==> flow/design.v <==
module core_ram_block #(
    parameter NREGS = 8,
    parameter BITS = 32,
    parameter RP = 4,
    parameter WPORTS = 6,
    parameter ADDR_W = $clog2(NREGS)
) (
    input  wire ck,
    input  wire [WPORTS-1:0] wen,
    input  wire [WPORTS*ADDR_W-1:0] wsel,
    input  wire [WPORTS*BITS-1:0] write_data,
    input  wire [RP*ADDR_W-1:0] rd_idx,
    output wire [RP*BITS-1:0] q
);
    reg [BITS-1:0] ram [NREGS-1:0];
    integer n;
    always @(posedge ck) begin
        for (n = 0; n < WPORTS; n = n + 1)
            if (wen[n]) ram[wsel[n*ADDR_W +: ADDR_W]] <= write_data[n*BITS +: BITS];
    end
    wire [RP*BITS-1:0] work;
    genvar m;
    generate
        for (m = 0; m < RP; m = m + 1) begin : slice
            assign work[m*BITS +: BITS] = ram[rd_idx[m*ADDR_W +: ADDR_W]];
        end
    endgenerate
    assign q = work;
endmodule
# From RTL to reports: core_ram_block
# The steps from the RTL of core_ram_block to its reports follow in flow order.
# Line numbers count from 1 in the design file above.
# Operators: Yosys type, input widths -> output width; for muxes data width and select width s.
# Not given: --
[setup]
top = "core_ram_block"
clock_port = "ck"
lib = "sky130hd"
lib_corner = "tt_025C_1v80"

# Word-level counts
# Yosys after proc, flatten, opt, wreduce and memory -nomap, before mapping. Enables and synchronous resets that opt folds into registers are not counted as muxes. Memory bits, and registers merged into a memory's read port (data or address), are not among the register bits. Print and check cells are not counted. Equal cells are merged and count once.
# Yosys's memory passes give these memory sizes; they may raise the number of words (mostly to a power of two), join words into wider ones and drop unused or constant bits.
[word_totals]
regBits = 0
ram_bits = 256
n_memories = 1
inputBits = 229
out_inout_bits = 128
elab_cells = 19
[memory_table]
columns = ["memory", "size", "word_bits", "read_ports", "wr", "line_no", "rtl"]
rows = [
  ["ram", 8, 32, 4, 6, 15, "reg [BITS-1:0] ram [NREGS-1:0];"],
]
[op_classes]
mux = 18
[ops]
columns = ["operator", "n"]
rows = [
  ["$mux 32", 6],
  ["$mux 3", 6],
  ["$mux 1", 6],
]

# Logic depth
# Yosys ltp: most cells in a row. Word level: on the elaborated netlist, between registers, memories and ports. Mapped: between sequential cells and ports; inverters and the memories' decode and read muxes count.
[depth]
ltp_word = 1
ABC_AREA = 0
ltp_mapped = 7
mapped_depth_nobuf = 4

# Mapped cells and area
# Yosys stat after the flow's synthesis: flattened, memories mapped to cells. It holds for the ABC_AREA given above (unset counts as 0); a run with the other value may have another netlist.
[by_type]
columns = ["cell", "n", "area_total_um2"]
rows = [
  ["sky130_fd_sc_hd__edfxtp_1", 256, 7.69E+03],
  ["sky130_fd_sc_hd__mux4_2", 256, 5765.53],
  ["sky130_fd_sc_hd__nand2_1", 629, 2.36E+03],
  ["sky130_fd_sc_hd__o22ai_1", 246, 1.54E+03],
  ["sky130_fd_sc_hd__mux2_2", 134, 1.51E+03],
  ["sky130_fd_sc_hd__o31ai_1", 180, 1.35E+03],
  ["sky130_fd_sc_hd__and3_1", 183, 1.14E+03],
  ["sky130_fd_sc_hd__clkbuf_1", 267, 1E+03],
  ["sky130_fd_sc_hd__o21ai_0", 175, 875.84],
  ["sky130_fd_sc_hd__a2111oi_0", 64, 560.538],
  ["sky130_fd_sc_hd__o41ai_1", 64, 560.538],
  ["sky130_fd_sc_hd__nor2b_1", 67, 419.152],
  ["sky130_fd_sc_hd__buf_1", 89, 334.07],
  ["sky130_fd_sc_hd__buf_2", 61, 305.293],
  ["sky130_fd_sc_hd__nor2_1", 74, 277.766],
  ["sky130_fd_sc_hd__and4b_1", 12, 120.115],
  ["sky130_fd_sc_hd__nand4b_1", 12, 105.101],
  ["sky130_fd_sc_hd__o21ai_1", 18, 90.086],
]
# Not listed: further types 33, cells in them 129.
[mapped]
stdcells = 2916
yosys_area_mm2 = 0.0269483
seqArea_mm2 = 0.0076874
ffs = 256
n_buf = 427

# Path before layout
# Source: OpenSTA report_checks on the synthesized netlist (no wires, ideal clock, input and output delay 20% of the period each), path of least setup slack; recovery checks are left aside. Register names are those of the netlist, which keeps one name where synthesis merged equal registers.
[synth_timing]
path_kind = "input to register"
start = "input port wsel[13]"
end = "memory ram[4][0]"
tclk_ps = 3920
in_delay_ps = 784
setup_ps = 629
launch_ps = 784
t_arrival_ps = 2661
required_time_ps = 3291
setup_slack_ps = 630
path_delay_ps = 2506
stages = 5
path_buffers = 2
synth_period_reached_ps = 3290
# "path_delay_ps" is the arrival time less input delay plus setup time.
# "stages": output pins that drive a net of the path, with the launching flip-flop's if there is one; two outputs of one cell count as two.
# "synth_period_reached_ps" = period - worst setup slack (recovery checks aside). The figure is calculated, with input and output delays left at 20% of the set period.
# Between the ends stands the longest chain of elaborated cells between them, by number of cells; it is not shown to be the way that was timed. Of several equally long chains one is given.
# Each line given opens the expression or statement behind the cell; cells for indexed reads and writes are added by Yosys, which also makes memories of some case tables.
[synth_between]
cell_sequence = "sky130_fd_sc_hd__buf_2 sky130_fd_sc_hd__and4bb_2 sky130_fd_sc_hd__nor3_1 sky130_fd_sc_hd__clkbuf_1 sky130_fd_sc_hd__nand4_1"
elab_chain_cells = 1
cells_between = 1
lines_between = 1
cone_classes = "mux (1)"
[synth_rtl]
columns = ["element", "line_no", "rtl"]
rows = [
  ["start: declaration", 10, "input  wire [WPORTS*ADDR_W-1:0] wsel,"],
  ["$mux 3", 19, "if (wen[n]) ram[wsel[n*ADDR_W +: ADDR_W]] <= write_data[n*BITS +: BITS];"],
  ["end: declaration", 15, "reg [BITS-1:0] ram [NREGS-1:0];"],
]

# Timing after layout
# Path of least setup slack in the final report of run 1 (OpenROAD, finished layout, wires in). Where an end is a register, its clock arrival counts in the times.
# The report prints the path's times to 10 ps; the period is as set.
[layout_timing]
path_kind = "input to output"
start = "input port rd_idx[3]"
end = "output port q[49]"
tclk_ps = 3920
in_delay_ps = 780
out_delay_ps = 780
launch_ps = 780
t_arrival_ps = 2820
required_time_ps = 3140
setup_slack_ps = 320
stages = 5
path_buffers = 3
# Between the ends stands the longest chain of elaborated cells between them, by number of cells; it is not shown to be the way that was timed. Of several equally long chains one is given.
# A memory read counts as a cell of the chain, while the word-level depth stops at memories.
[layout_between]
cell_sequence = "sky130_fd_sc_hd__buf_4 sky130_fd_sc_hd__buf_12 sky130_fd_sc_hd__mux4_2 sky130_fd_sc_hd__mux2_2 sky130_fd_sc_hd__clkdlybuf4s50_1"
elab_chain_cells = 1
cells_between = 1
lines_between = 1
cone_classes = "memory (1)"
[layout_rtl]
columns = ["element", "line_no", "rtl"]
rows = [
  ["start: declaration", 12, "input  wire [RP*ADDR_W-1:0] rd_idx,"],
  ["$mem_v2 8x32", 15, "reg [BITS-1:0] ram [NREGS-1:0];"],
  ["end: declaration", 13, "output wire [RP*BITS-1:0] q"],
]

# Record of 3 stored runs of the RTL-to-layout flow on core_ram_block, platform sky130hd. The runs are unordered. Constraints: input delay and output delay 20% of the set period each, output load 0.01 pF.
# "achieved_period_ps" is the run's clock period less its worst setup slack. It is reckoned from that one timing run; input and output delays stay at 20% of the period that was set.
# By "worst_path_allowed_less_slack_ps" is meant the share of the clock period that the worst setup path is allowed (20% is reserved at inputs, 20% at outputs), minus its slack. Clock arrival times at its registers enter into it.
# "design_power_w" is the tool's figure for a default switching activity; nothing was simulated.
# "worst_path_allowed_less_slack_ps" is known to 10 ps.

[[run]]
name = "run 1"
[run.settings]
period_ns = 3.92
CAP_MARGIN = 20
CORE_MARGIN = 2
CORE_UTILIZATION = 40
SLEW_MARGIN = 20
[run.results]
timing.setup.ws_ps = 317
finalUtil_pct = 49.6
setup_tns_ps = 0
yosys_chip_area_mm2 = 0.0269483
ws_hold_ps = 1063
design_power_w = 0.011538
achieved_period_ps = 3603
worst_path_allowed_less_slack_ps = 2030
worst_setup_path_type = "input to output"
post_route_stdcell_area_mm2 = 0.0331718
dieArea_mm2 = 0.0694639

[[run]]
name = "run 2"
[run.settings]
period_ns = 3.52
CORE_UTILIZATION = 38
SETUP_SLACK_MARGIN = 0.23
HOLD_SLACK_MARGIN = 0.16
CELL_PAD_IN_SITES_GLOBAL_PLACEMENT = 1
ABC_AREA = 1
GPL_TIMING_DRIVEN = 1
CTS_CLUSTER_SIZE = 67
MAX_ROUTING_LAYER = "met5"
CAP_MARGIN = 20
CORE_MARGIN = 2
SLEW_MARGIN = 20
[run.results]
timing.setup.ws_ps = 281
finalUtil_pct = 44.9
setup_tns_ps = 0
yosys_chip_area_mm2 = 0.0332256
ws_hold_ps = 1035
design_power_w = 0.012138
achieved_period_ps = 3239
worst_path_allowed_less_slack_ps = 1830
worst_setup_path_type = "input to output"
post_route_stdcell_area_mm2 = 0.0389774
dieArea_mm2 = 0.0898171

[[run]]
name = "run 3"
[run.settings]
period_ns = 4.29
CORE_UTILIZATION = 59
SETUP_SLACK_MARGIN = 0.12
CELL_PAD_IN_SITES_DETAIL_PLACEMENT = 2
ABC_AREA = 0
GPL_TIMING_DRIVEN = 1
GPL_ROUTABILITY_DRIVEN = 1
MAX_ROUTING_LAYER = "met5"
CAP_MARGIN = 20
CORE_MARGIN = 2
SLEW_MARGIN = 20
[run.results]
outcome = "did not finish, placement stopped with DPL-0033"
